==> flow/design.v <==
module cpu_add_core (clk_i, i_rst, opa, opb, c0, res, cout);
  parameter integer WD = 32;
  input clk_i;
  input i_rst;
  input [WD-1:0] opa;
  input [WD-1:0] opb;
  input c0;
  output [WD-1:0] res;
  output cout;
  localparam NG = WD / 4;
  wire [WD-1:0] val;
  wire [NG:0] c;
  assign c[0] = c0;
  genvar i;
  generate
    for (i = 0; i < NG; i = i + 1) begin : blk
      la4 inst (.a(opa[4*i +: 4]), .b(opb[4*i +: 4]), .ci(c[i]), .s(val[4*i +: 4]), .co(c[i+1]));
    end
  endgenerate
  reg [WD-1:0] r_res;
  always @(posedge clk_i) begin
    if (i_rst) begin
      r_res <= 0;
    end else begin
      r_res <= val;
    end
  end
  assign res = r_res;
  reg r_cout;
  always @(posedge clk_i) begin
    if (i_rst) begin
      r_cout <= 1'b0;
    end else begin
      r_cout <= c[NG];
    end
  end
  assign cout = r_cout;
endmodule
module la4 (
  input wire [3:0] a,
  input wire [3:0] b,
  input wire ci,
  output wire [3:0] s,
  output wire co
);
  wire [3:0] g = a & b;
  wire [3:0] p = a ^ b;
  wire c1 = g[0] | (p[0] & ci);
  wire c2 = g[1] | (p[1] & g[0]) | (p[1] & p[0] & ci);
  wire c3 = g[2] | (p[2] & g[1]) | (p[2] & p[1] & g[0]) | (p[2] & p[1] & p[0] & ci);
  assign co = g[3] | (p[3] & g[2]) | (p[3] & p[2] & g[1]) | (p[3] & p[2] & p[1] & g[0]) | (&p & ci);
  assign s = p ^ {c3, c2, c1, ci};
endmodule
* Step by step through the tools: cpu_add_core
Tool output for the design above, in the order of the flow.
Lines are those of the file above, counted from 1.
Operators carry their Yosys type and port widths (W data, S select, Z words).
Library cell names are shortened.
A cell with -- has no value.
- Top module :: cpu_add_core
- Clock port :: clk_i
- Library :: sky130hd
- Library corner :: tt_025C_1v80

* Elaborated design
Yosys after proc, flatten, opt, wreduce and memory -nomap, before mapping. Enables and synchronous resets that opt folds into registers are not counted as muxes. Memory bits, and registers merged into a memory's read port (data or address), are not among the register bits. Print and check cells are not counted. Equal cells are merged and count once.
- Register bits :: 33
- Latch bits :: 0
- RAM bits :: 0
- Memory bits (read-only) :: 0
- Clocked read ports x word width :: 0
- Memory cells :: 0
- Output and inout bits :: 33
- Add/subtract/negate cells :: 0
- $mul :: 0
- Divide/modulo/power cells :: 0
- Magnitude comparators :: 0
- Equality and inequality tests :: 0
- Shift-type cells :: 0
- Multiplexer cells :: 0
- Bitwise operators :: 224
- Reductions and logical operators :: 8
** Operator list (number)
- $and A1 B1 Y1 :: 120
- $or A1 B1 Y1 :: 80
- $xor A4 B4 Y4 :: 16
- $and A4 B4 Y4 :: 8
- $reduce_and A4 Y1 :: 8

* Longest topological paths
Longest topological path by Yosys (ltp), each cell counted once; first at word level (registers and memories cut), then after technology mapping (sequential cells cut; the memories' decode and read muxes count).
- Word-level depth :: 21
- ABC_AREA :: 0
- Depth in mapped cells :: 11
- Depth with buffers taken out :: 11

* Mapped cells and area
The flow's flattened synthesis, as Yosys stat reports it; memories are mapped. The netlist is that of the ABC_AREA named above (0 if unset); the other value can give another one.
- Cells in the netlist :: 243
- Cell area after synthesis :: 2212.1 sq um
- Sequential area :: 660.6 sq um
- Mapped flip-flops :: 33
** Cell types (number)
- dfxtp_1 :: 33
- ha_1 :: 32
- fa_1 :: 8
- xnor2_1 :: 13
- nor2_1 :: 29
- a21oi_1 :: 20
- a21o_1 :: 8
- nor2b_1 :: 9
- inv_1 :: 13
- xor2_1 :: 5
- nand2_1 :: 10
- o21a_1 :: 5
- nand3_1 :: 7
- nand4_1 :: 5
- a31oi_1 :: 4
- o211ai_1 :: 3
- nor3_1 :: 4
- o21ai_1 :: 4
Other cell types: 23; their cells: 31.
By module: a second synthesis without flattening, with its own total; a netlist apart from the flattened one above.
- Cells (unflattened synthesis) :: 205
- Area (unflattened synthesis) :: 2070.7 sq um
Each row is one instance without its submodules.
** By module
- la4 :: instances 8, cells 17, area 147.6 sq um
- cpu_add_core :: instances 1, cells 69, area 889.6 sq um

* Worst setup path after synthesis
Path of least setup slack by OpenSTA after synthesis, without wires, with an ideal clock, recovery checks aside; 20% of the period is set as input and as output delay. Where synthesis merged equal registers, the netlist keeps one of their names.
- Path kind :: input -> register
- Start :: input opa[13]
- End :: register r_res[29]
- Period :: 3430 ps
- External input delay :: 686 ps
- Launch time at the first pin :: 686 ps
- Arrival time :: 2751 ps
- Data required time :: 3302 ps
- Slack :: 552 ps
- Path delay :: 2193 ps
- Stages on the path :: 11
- Synthesis period reached :: 2878 ps
"path delay" = arrival - input delay + setup time.
"stages on the path" counts driving pins, that of a launching flip-flop among them; a cell with two outputs on the path counts twice.
"synthesis period reached" = period - worst setup slack (recovery checks aside). The figure is calculated, with input and output delays left at 20% of the set period.
The rows between start and end are the longest chain of elaborated cells between them; the timing report does not say that the signal goes this way. Where chains are equally long, one stands for them.
Each line given opens the expression or statement behind the cell; cells for indexed reads and writes are added by Yosys, which also makes memories of some case tables.
- Path through :: ha_1 -> a21oi_1 -> o21a_1 -> a2bb2oi_1 -> nand3_1 -> a31oi_2 -> o21ai_1 -> a21o_1 -> fa_1 -> xnor2_1 -> nor2_1
- Cells in the longest elaborated chain :: 14
- Elaborated cells between the ends (all ways) :: 19
- RTL lines with such cells :: 5
- Those cells by class :: 18 x logic; 1 x reduce/logical
** RTL lines, path post-synthesis
- start, declared :: RTL line 5 : input [WD-1:0] opa;
- $and A4 B4 Y4 :: RTL line 46 : wire [3:0] g = a & b;
- $and A1 B1 Y1 :: RTL line 51 : assign co = g[3] | (p[3] & g[2]) | (p[3] & p[2] & g[1]) | (p[3] & p[2] & p[1] & g[0]) | (&p & ci);
- $or A1 B1 Y1 x3 :: RTL line 51
- $and A1 B1 Y1 :: RTL line 51
- $or A1 B1 Y1 :: RTL line 51
- $and A1 B1 Y1 :: RTL line 51
- $or A1 B1 Y1 :: RTL line 51
- $and A1 B1 Y1 :: RTL line 51
- $or A1 B1 Y1 :: RTL line 51
- $and A1 B1 Y1 :: RTL line 48 : wire c1 = g[0] | (p[0] & ci);
- $or A1 B1 Y1 :: RTL line 48
- $xor A4 B4 Y4 :: RTL line 52 : assign s = p ^ {c3, c2, c1, ci};
- end, assigned :: RTL line 23 : r_res <= 0;
- end, assigned :: RTL line 25 : r_res <= val;
- end, declared :: RTL line 20 : reg [WD-1:0] r_res;

* Path in the finished layout
From the final timing report of entry A: the path of least setup slack in the routed layout; clock arrival at registers is part of the times.
The path's times are printed in steps of 10 ps; the period is the one set.
- Path kind :: input -> register
- Start :: input opa[18]
- End :: register r_res[28]
- Period :: 1930 ps
- External input delay :: 390 ps
- Launch time at the first pin :: 390 ps
- Arrival time :: 2450 ps
- Data required time :: 2090 ps
- Slack :: -360 ps
- Stages on the path :: 11
The rows between start and end are the longest chain of elaborated cells between them; the timing report does not say that the signal goes this way. Where chains are equally long, one stands for them.
- Path through :: buf_2 -> ha_4 -> nand4_1 -> nor3_2 -> o211ai_1 -> nand3_2 -> a31oi_4 -> o21ai_2 -> a21o_1 -> fa_2 -> nor2b_1
- Cells in the longest elaborated chain :: 11
- Elaborated cells between the ends (all ways) :: 18
- RTL lines with such cells :: 4
- Those cells by class :: 17 x logic; 1 x reduce/logical
** RTL lines, path after layout
- start, declared :: RTL line 5 : input [WD-1:0] opa;
- $and A4 B4 Y4 :: RTL line 46 : wire [3:0] g = a & b;
- $and A1 B1 Y1 :: RTL line 51 : assign co = g[3] | (p[3] & g[2]) | (p[3] & p[2] & g[1]) | (p[3] & p[2] & p[1] & g[0]) | (&p & ci);
- $or A1 B1 Y1 x4 :: RTL line 51
- $and A1 B1 Y1 :: RTL line 51
- $or A1 B1 Y1 :: RTL line 51
- $and A1 B1 Y1 :: RTL line 51
- $or A1 B1 Y1 :: RTL line 51
- $xor A4 B4 Y4 :: RTL line 52 : assign s = p ^ {c3, c2, c1, ci};
- end, assigned :: RTL line 23 : r_res <= 0;
- end, assigned :: RTL line 25 : r_res <= val;
- end, declared :: RTL line 20 : reg [WD-1:0] r_res;
Some nets on the timed path still bear RTL names; the line given drives or declares the net.
** Nets with RTL names, path after layout (RTL line)
- blk[7].inst.s[0] :: 52

Add stored flow runs of cpu_add_core

Stored flow runs of cpu_add_core (3 of them; Yosys, OpenROAD, sky130hd). They differ in their settings and are not a sequence. Constraints: input delay and output delay 20% of the set period each, output load 0.01 pF.
"period achieved": clock period set for the run, less the worst setup slack. It is reckoned from that one timing run; input and output delays stay at 20% of the period that was set.
"critical setup path time" = time allowed to the worst setup path (clock period - input delay - output delay, where it has them) - its slack; a late launch clock adds to it, a late capture clock takes from it.
By "power" is meant OpenSTA's value without simulated activity: inputs other than the clock are taken to toggle once in ten clock periods, and the tool carries that through the logic.
"critical setup path time" is known to 10 ps.

* Entry A
** Files
==> flow/run.sh <==
#!/bin/bash
# the make line also repeats the synthesis and layout settings of config.mk as NAME=value (left out here)
make -C /OpenROAD-flow-scripts/flow DESIGN_CONFIG=/design/flow/config.mk WORK_HOME=/design/flow/orfs CLKGATE_MAP_FILE= finish
==> flow/config.mk <==
export PLATFORM = sky130hd
export DESIGN_NAME = cpu_add_core
export DESIGN_NICKNAME = cpu_add_core
export VERILOG_FILES = /design/flow/design.v
export SDC_FILE = /design/flow/constraint.sdc
export NUM_CORES = 4
export LEC_CHECK = 0
export ABC_AREA = 0
export CAP_MARGIN = 30
export CELL_PAD_IN_SITES_GLOBAL_PLACEMENT = 0
export CORE_ASPECT_RATIO = 1.54
export CORE_MARGIN = 2
export CORE_UTILIZATION = 33
export CTS_CLUSTER_DIAMETER = 254
export GPL_ROUTABILITY_DRIVEN = 0
export GPL_TIMING_DRIVEN = 0
export HOLD_SLACK_MARGIN = 0.15
export MAX_ROUTING_LAYER = met5
export MIN_ROUTING_LAYER = met1
export PLACE_DENSITY_LB_ADDON = 0.19
export SETUP_SLACK_MARGIN = 0.17
export SLEW_MARGIN = 20
==> flow/constraint.sdc <==
create_clock -name core_clock -period 1.93 [get_ports {clk_i}]
set_input_delay 0.3860 -clock core_clock [delete_from_list [all_inputs] [get_ports {clk_i}]]
set_output_delay 0.3860 -clock core_clock [all_outputs]
set_load 0.01 [all_outputs]
** Results
- Critical setup path time :: 1900 ps
- Kind of the worst setup path :: input -> register
- Power :: 2.520 mW
- Setup slack of the worst path :: -356 ps
- Utilization :: 0.649
- Die area :: 7389.7 sq um
- Standard-cell area after layout :: 4266.6 sq um
- Post-route worst hold slack :: 440 ps
- Period achieved :: 2286 ps
- Total negative slack :: -3664 ps
- Cell area after synthesis :: 2212.1 sq um

* Entry B
** Files
==> flow/run.sh <==
#!/bin/bash
# the make line also repeats the synthesis and layout settings of config.mk as NAME=value (left out here)
make -C /OpenROAD-flow-scripts/flow DESIGN_CONFIG=/design/flow/config.mk WORK_HOME=/design/flow/orfs CLKGATE_MAP_FILE= finish
==> flow/config.mk <==
export PLATFORM = sky130hd
export DESIGN_NAME = cpu_add_core
export DESIGN_NICKNAME = cpu_add_core
export VERILOG_FILES = /design/flow/design.v
export SDC_FILE = /design/flow/constraint.sdc
export NUM_CORES = 4
export LEC_CHECK = 0
export CAP_MARGIN = 20
export CORE_MARGIN = 2
export CORE_UTILIZATION = 40
export SLEW_MARGIN = 20
==> flow/constraint.sdc <==
create_clock -name core_clock -period 3.43 [get_ports {clk_i}]
set_input_delay 0.6860 -clock core_clock [delete_from_list [all_inputs] [get_ports {clk_i}]]
set_output_delay 0.6860 -clock core_clock [all_outputs]
set_load 0.01 [all_outputs]
** Results
- Critical setup path time :: 2400 ps
- Kind of the worst setup path :: input -> register
- Power :: 1.235 mW
- Setup slack of the worst path :: 346 ps
- Utilization :: 0.634
- Die area :: 6141.1 sq um
- Standard-cell area after layout :: 3447.1 sq um
- Post-route worst hold slack :: 1147 ps
- Period achieved :: 3084 ps
- Total negative slack :: 0 ps
- Cell area after synthesis :: 2212.1 sq um

* Entry C
** Files
==> flow/run.sh <==
#!/bin/bash
# the make line also repeats the synthesis and layout settings of config.mk as NAME=value (left out here)
make -C /OpenROAD-flow-scripts/flow DESIGN_CONFIG=/design/flow/config.mk WORK_HOME=/design/flow/orfs CLKGATE_MAP_FILE= finish
==> flow/config.mk <==
export PLATFORM = sky130hd
export DESIGN_NAME = cpu_add_core
export DESIGN_NICKNAME = cpu_add_core
export VERILOG_FILES = /design/flow/design.v
export SDC_FILE = /design/flow/constraint.sdc
export NUM_CORES = 4
export LEC_CHECK = 0
export CAP_MARGIN = 15
export CELL_PAD_IN_SITES_DETAIL_PLACEMENT = 2
export CELL_PAD_IN_SITES_GLOBAL_PLACEMENT = 0
export CORE_MARGIN = 2
export CORE_UTILIZATION = 22
export CTS_CLUSTER_SIZE = 27
export HOLD_SLACK_MARGIN = -0.04
export MAX_ROUTING_LAYER = met5
export PLACE_DENSITY_LB_ADDON = 0.18
export SETUP_SLACK_MARGIN = -0.15
export SLEW_MARGIN = 20
==> flow/constraint.sdc <==
create_clock -name core_clock -period 2.34 [get_ports {clk_i}]
set_input_delay 0.4680 -clock core_clock [delete_from_list [all_inputs] [get_ports {clk_i}]]
set_output_delay 0.4680 -clock core_clock [all_outputs]
set_load 0.01 [all_outputs]
** Results
- Critical setup path time :: 1980 ps
- Kind of the worst setup path :: input -> register
- Power :: 2.210 mW
- Setup slack of the worst path :: -112 ps
- Utilization :: 0.453
- Die area :: 10873.3 sq um
- Standard-cell area after layout :: 4424.2 sq um
- Post-route worst hold slack :: 583 ps
- Period achieved :: 2452 ps
- Total negative slack :: -496 ps
- Cell area after synthesis :: 2212.1 sq um
